==> flow/design.v <==
module order #(
   parameter DWIDTH = 10
) (
   input logic aclk,
   input logic RSTN,
   input logic valid,
   input logic [DWIDTH-1:0] in_dataa,
   input logic [DWIDTH-1:0] in_datab,
   output logic out_a_gt_b
);
   logic [DWIDTH-1:0] dataa_d1;
   always_ff @(posedge aclk or negedge RSTN) begin
      if (~RSTN) begin
         dataa_d1 <= '0;
      end else if (valid) begin
         dataa_d1 <= in_dataa;
      end
   end
   logic [DWIDTH-1:0] datab_d1;
   always_ff @(posedge aclk or negedge RSTN) begin
      if (~RSTN) begin
         datab_d1 <= '0;
      end else if (valid) begin
         datab_d1 <= in_datab;
      end
   end
   logic [DWIDTH:0] cy;
   assign cy[0] = 1'b0;
   generate
      for (genvar g = 0; g < DWIDTH; g++) begin : u_g
         assign cy[g+1] = (dataa_d1[g] ^ datab_d1[g]) ? dataa_d1[g] : cy[g];
      end
   endgenerate
   assign out_a_gt_b = cy[DWIDTH];
endmodule
# == Reports on order ==
# Tool output for the members of one design family, told apart by "DWIDTH", in the order of the flow.
# The RTL above is that of DWIDTH = 10; lines are counted from 1 in the file of the member named.
# Library cell names are shortened.
# Not given: --
# inputs
design,order
clock,aclk
library,sky130hd
pvt_corner,tt_025C_1v80

# == Members of the sweep ==
# New or changed lines of each further member against the RTL above, in its own file; lines it lacks are not shown.
# src_changes
DWIDTH,line_no,text
12,2,parameter DWIDTH = 12
16,2,parameter DWIDTH = 16
20,2,parameter DWIDTH = 20
32,2,parameter DWIDTH = 32
72,2,parameter DWIDTH = 72
80,2,parameter DWIDTH = 80

# == Elaborated design ==
# Yosys after proc, flatten, opt, wreduce and memory -nomap, before mapping. Enables and synchronous resets that opt folds into registers are not counted as muxes. Memory bits, and registers merged into a memory's read port (data or address), are not among the register bits. Print and check cells are not counted. Equal cells are merged and count once.
# bits
DWIDTH,mem_bits_rw,mem_count,clocked_rd_ports_x_width,regBits,latchBits,elab_cells,in_bits,mem_bits_ro
10,0,0,0,20,0,22,23,0
12,0,0,0,24,0,26,27,0
16,0,0,0,32,0,34,35,0
20,0,0,0,40,0,42,43,0
32,0,0,0,64,0,66,67,0
72,0,0,0,144,0,146,147,0
80,0,0,0,160,0,162,163,0
# op_classes
DWIDTH,n_addsub,compare,eq_ne,n_logic,reduce_and_logical,shift,mux,n_div,mul
10,0,0,0,10,0,0,10,0,0
12,0,0,0,12,0,0,12,0,0
16,0,0,0,16,0,0,16,0,0
20,0,0,0,20,0,0,20,0,0
32,0,0,0,32,0,0,32,0,0
72,0,0,0,72,0,0,72,0,0
80,0,0,0,80,0,0,80,0,0
# op_table
DWIDTH,operators
10,10 x 1-bit XOR; 10 x 1-bit 2-to-1 mux
12,12 x 1-bit XOR; 12 x 1-bit 2-to-1 mux
16,16 x 1-bit XOR; 16 x 1-bit 2-to-1 mux
20,20 x 1-bit XOR; 20 x 1-bit 2-to-1 mux
32,32 x 1-bit XOR; 32 x 1-bit 2-to-1 mux
72,72 x 1-bit XOR; 72 x 1-bit 2-to-1 mux
80,80 x 1-bit XOR; 80 x 1-bit 2-to-1 mux

# == Depth ==
# Yosys ltp: most cells in a row. Word level: on the elaborated netlist, between registers, memories and ports. Mapped: between sequential cells and ports; inverters and the memories' decode and read muxes count.
# depth
DWIDTH,word_depth,abc_area,depth_mapped,mapped_depth_nobuf
10,11,0,5,5
12,13,0,5,5
16,17,0,6,6
20,21,0,5,5
32,33,0,6,6
72,73,0,8,8
80,81,0,7,7

# == After synthesis ==
# Yosys stat after the flow's synthesis: flattened, memories mapped to cells. It holds for the ABC_AREA given above (unset counts as 0); a run with the other value may have another netlist.
# synth_totals
DWIDTH,cells,yosys_area_um2,buf_cells,flip_flops,seq_area_um2
10,76,870.8,3,20,500.5
12,95,1034.7,4,24,600.6
16,132,1462.7,5,32,800.8
20,158,1767.9,6,40,1001.0
32,264,2962.8,10,64,1601.5
72,590,6528.8,23,144,3603.5
80,678,7193.1,27,160,4003.8
# types
DWIDTH,type_list
10,20 x dfrtp_1; 12 x mux2_2; 8 x o21ai_0; 8 x inv_1; 8 x nand2_1; 3 x nor2b_1; 2 x o221ai_1; 2 x nand2b_1; 1 x a2111oi_1; 2 x buf_2; 2 x nor3_1; 1 x a311oi_1; 1 x nor2b_2; 1 x o2111ai_1; 1 x a211oi_1; 1 x a22oi_1; 1 x o22ai_1; 1 x nand3_1; 1 x clkbuf_1
12,24 x dfrtp_1; 12 x mux2_2; 13 x o21ai_0; 14 x nand2_1; 12 x inv_1; 3 x a22oi_1; 3 x o22ai_1; 2 x a221oi_1; 2 x nand2b_1; 1 x a221o_2; 1 x maj3_2; 2 x buf_2; 1 x a311oi_1; 2 x clkbuf_1; 1 x o211ai_1; 1 x nor3_1; 1 x nor2_1
16,32 x dfrtp_1; 18 x mux2_2; 17 x o21ai_0; 15 x nand2_1; 14 x inv_1; 5 x nand2b_1; 1 x a2111oi_4; 4 x nor2b_1; 2 x a31o_2; 3 x a21oi_1; 3 x buf_2; 1 x nor2b_4; 1 x a211oi_2; 2 x o22ai_1; 1 x o21ba_1; 1 x a221oi_1; 1 x o2111ai_1; 1 x o221ai_1; [+10]
20,40 x dfrtp_1; 22 x mux2_2; 18 x o21ai_0; 20 x nand2_1; 18 x inv_1; 7 x nand2b_1; 6 x o22ai_1; 3 x o2111ai_1; 2 x a222oi_1; 3 x nor2b_1; 3 x buf_2; 1 x a211oi_2; 1 x o22ai_2; 3 x clkbuf_1; 1 x maj3_2; 2 x a21oi_1; 1 x a311o_1; 1 x a211o_1; [+6]
32,64 x dfrtp_1; 36 x mux2_2; 29 x o21ai_0; 30 x nand2_1; 28 x inv_1; 14 x nor2b_1; 2 x a2111oi_4; 8 x nand2b_1; 2 x o221ai_2; 3 x a221oi_1; 2 x a211oi_2; 5 x a21oi_1; 4 x o22ai_1; 3 x o211ai_1; 4 x buf_2; 2 x maj3_1; 5 x clkbuf_1; 2 x a2111oi_0; [+21]
72,144 x dfrtp_1; 79 x mux2_2; 67 x o21ai_0; 73 x nand2_1; 61 x inv_1; 24 x nor2b_1; 18 x nand2b_1; 3 x a2111oi_4; 21 x clkbuf_1; 10 x o22ai_1; 7 x o2111ai_1; 7 x a22oi_1; 5 x maj3_1; 4 x maj3_2; 5 x a221oi_1; 4 x o221ai_1; 5 x a31oi_1; 6 x a21oi_1; [+47]
80,160 x dfrtp_1; 76 x mux2_2; 91 x o21ai_0; 92 x nand2_1; 81 x inv_1; 21 x o22ai_1; 19 x nor2b_1; 18 x nand2b_1; 27 x clkbuf_1; 10 x maj3_1; 9 x o2111ai_1; 6 x a221oi_1; 3 x maj3_2; 2 x a2111oi_2; 4 x a22oi_1; 1 x a2111oi_4; 2 x nor2b_4; 3 x a2111oi_0; [+53]
# A list marked [+n] leaves out that many cells.

# == Timing after synthesis ==
# Source: OpenSTA report_checks on the synthesized netlist (no wires, ideal clock, input and output delay 20% of the period each), path of least setup slack; recovery checks are left aside. Register names are those of the netlist, which keeps one name where synthesis merged equal registers.
# synth_timing
DWIDTH,kind,from,to,setup_slack_ns,path_delay_ns,tclk_ns,path_stages,period_less_setup_slack_ns
10,reg2out,reg dataa_d1[2],out out_a_gt_b,0.326,1.290,2.02,6,1.694
12,reg2out,reg datab_d1[1],out out_a_gt_b,0.322,1.278,2.0,6,1.678
16,reg2out,reg datab_d1[2],out out_a_gt_b,0.314,1.254,1.96,7,1.646
20,reg2out,reg datab_d1[0],out out_a_gt_b,0.302,1.210,1.89,6,1.588
32,reg2out,reg datab_d1[25],out out_a_gt_b,0.373,1.499,2.34,7,1.967
72,reg2out,reg datab_d1[62],out out_a_gt_b,0.458,1.838,2.87,9,2.412
80,reg2out,reg datab_d1[21],out out_a_gt_b,0.463,1.849,2.89,8,2.427
# "path_delay_ns" is the arrival time less input delay plus setup time.
# A path that ends at an output port has no setup time.
# "path_stages" counts driving pins, that of a launching flip-flop among them; a cell with two outputs on the path counts twice.
# "period_less_setup_slack_ns" = period - worst setup slack (recovery checks aside). The figure is calculated, with input and output delays left at 20% of the set period.
# Between the ends stands the longest chain of elaborated cells between them, by number of cells; it is not shown to be the way that was timed. Of several equally long chains one is given.
# Each line given opens the expression or statement behind the cell; cells for indexed reads and writes are added by Yosys, which also makes memories of some case tables.
# synth_between_DWIDTH_10
elab_chain_len,9
# synth_rtl_DWIDTH_10
element,line_no,text
"start, declared",11,logic [DWIDTH-1:0] dataa_d1;
"start, assigned",14,dataa_d1 <= '0;
"start, assigned",16,dataa_d1 <= in_dataa;
1-bit XOR,31,assign cy[g+1] = (dataa_d1[g] ^ datab_d1[g]) ? dataa_d1[g] : cy[g];
1-bit 2-to-1 mux x8,31,
"end, declared",9,output logic out_a_gt_b
# synth_between_DWIDTH_80
elab_chain_len,60
# synth_rtl_DWIDTH_80
element,line_no,text
"start, declared",19,logic [DWIDTH-1:0] datab_d1;
"start, assigned",22,datab_d1 <= '0;
"start, assigned",24,datab_d1 <= in_datab;
1-bit XOR,31,assign cy[g+1] = (dataa_d1[g] ^ datab_d1[g]) ? dataa_d1[g] : cy[g];
1-bit 2-to-1 mux x59,31,
"end, declared",9,output logic out_a_gt_b

# == Path in the finished layout ==
# From the final timing report of each member's run: the path of least setup slack in the routed layout; clock arrival at registers is part of the times.
# layout_timing
DWIDTH,kind,from,to,path_stages,tclk_ns,n_path_buf,setup_slack_ns,t_arrival_ns
10,reg2out,reg dataa_d1[2],out out_a_gt_b,7,2.02,1,-0.02,1.64
12,reg2out,reg datab_d1[0],out out_a_gt_b,7,2.0,1,-0.13,1.73
16,reg2out,reg datab_d1[12],out out_a_gt_b,7,1.96,1,-0.15,1.72
20,reg2out,reg datab_d1[10],out out_a_gt_b,7,1.89,1,-0.21,1.72
32,reg2out,reg datab_d1[25],out out_a_gt_b,8,2.34,1,-0.15,2.03
72,reg2out,reg datab_d1[38],out out_a_gt_b,10,2.87,1,-0.19,2.49
80,reg2out,reg datab_d1[21],out out_a_gt_b,9,2.89,1,-0.29,2.60

# == Measured runs ==
# One run of the flow (Yosys, OpenROAD) for each member, with settings and measured results. Input and output delays are each 20% of the period that was set; the output load is 0.01 pF.
# settings
CAP_MARGIN,20
CORE_MARGIN,2
CORE_UTILIZATION,40
SLEW_MARGIN,20
# settings_diff
DWIDTH,period_ns
10,2.02
12,2.0
16,1.96
20,1.89
32,2.34
72,2.87
80,2.89
# measured
DWIDTH,final_die_area_um2,post_route_util_frac,finalCellArea_um2,post_synth_area_um2,setup_ws_ns
10,2566.4,0.635,1271.2,870.8,-0.020
12,3009.6,0.586,1437.6,1034.7,-0.131
16,4156.4,0.58,1980.7,1462.7,-0.154
20,4967.4,0.587,2518.7,1767.9,-0.211
32,8111.7,0.569,4106.4,2962.8,-0.155
72,17359.4,0.581,9257.6,6528.8,-0.193
80,19071.6,0.564,10028.4,7193.1,-0.285
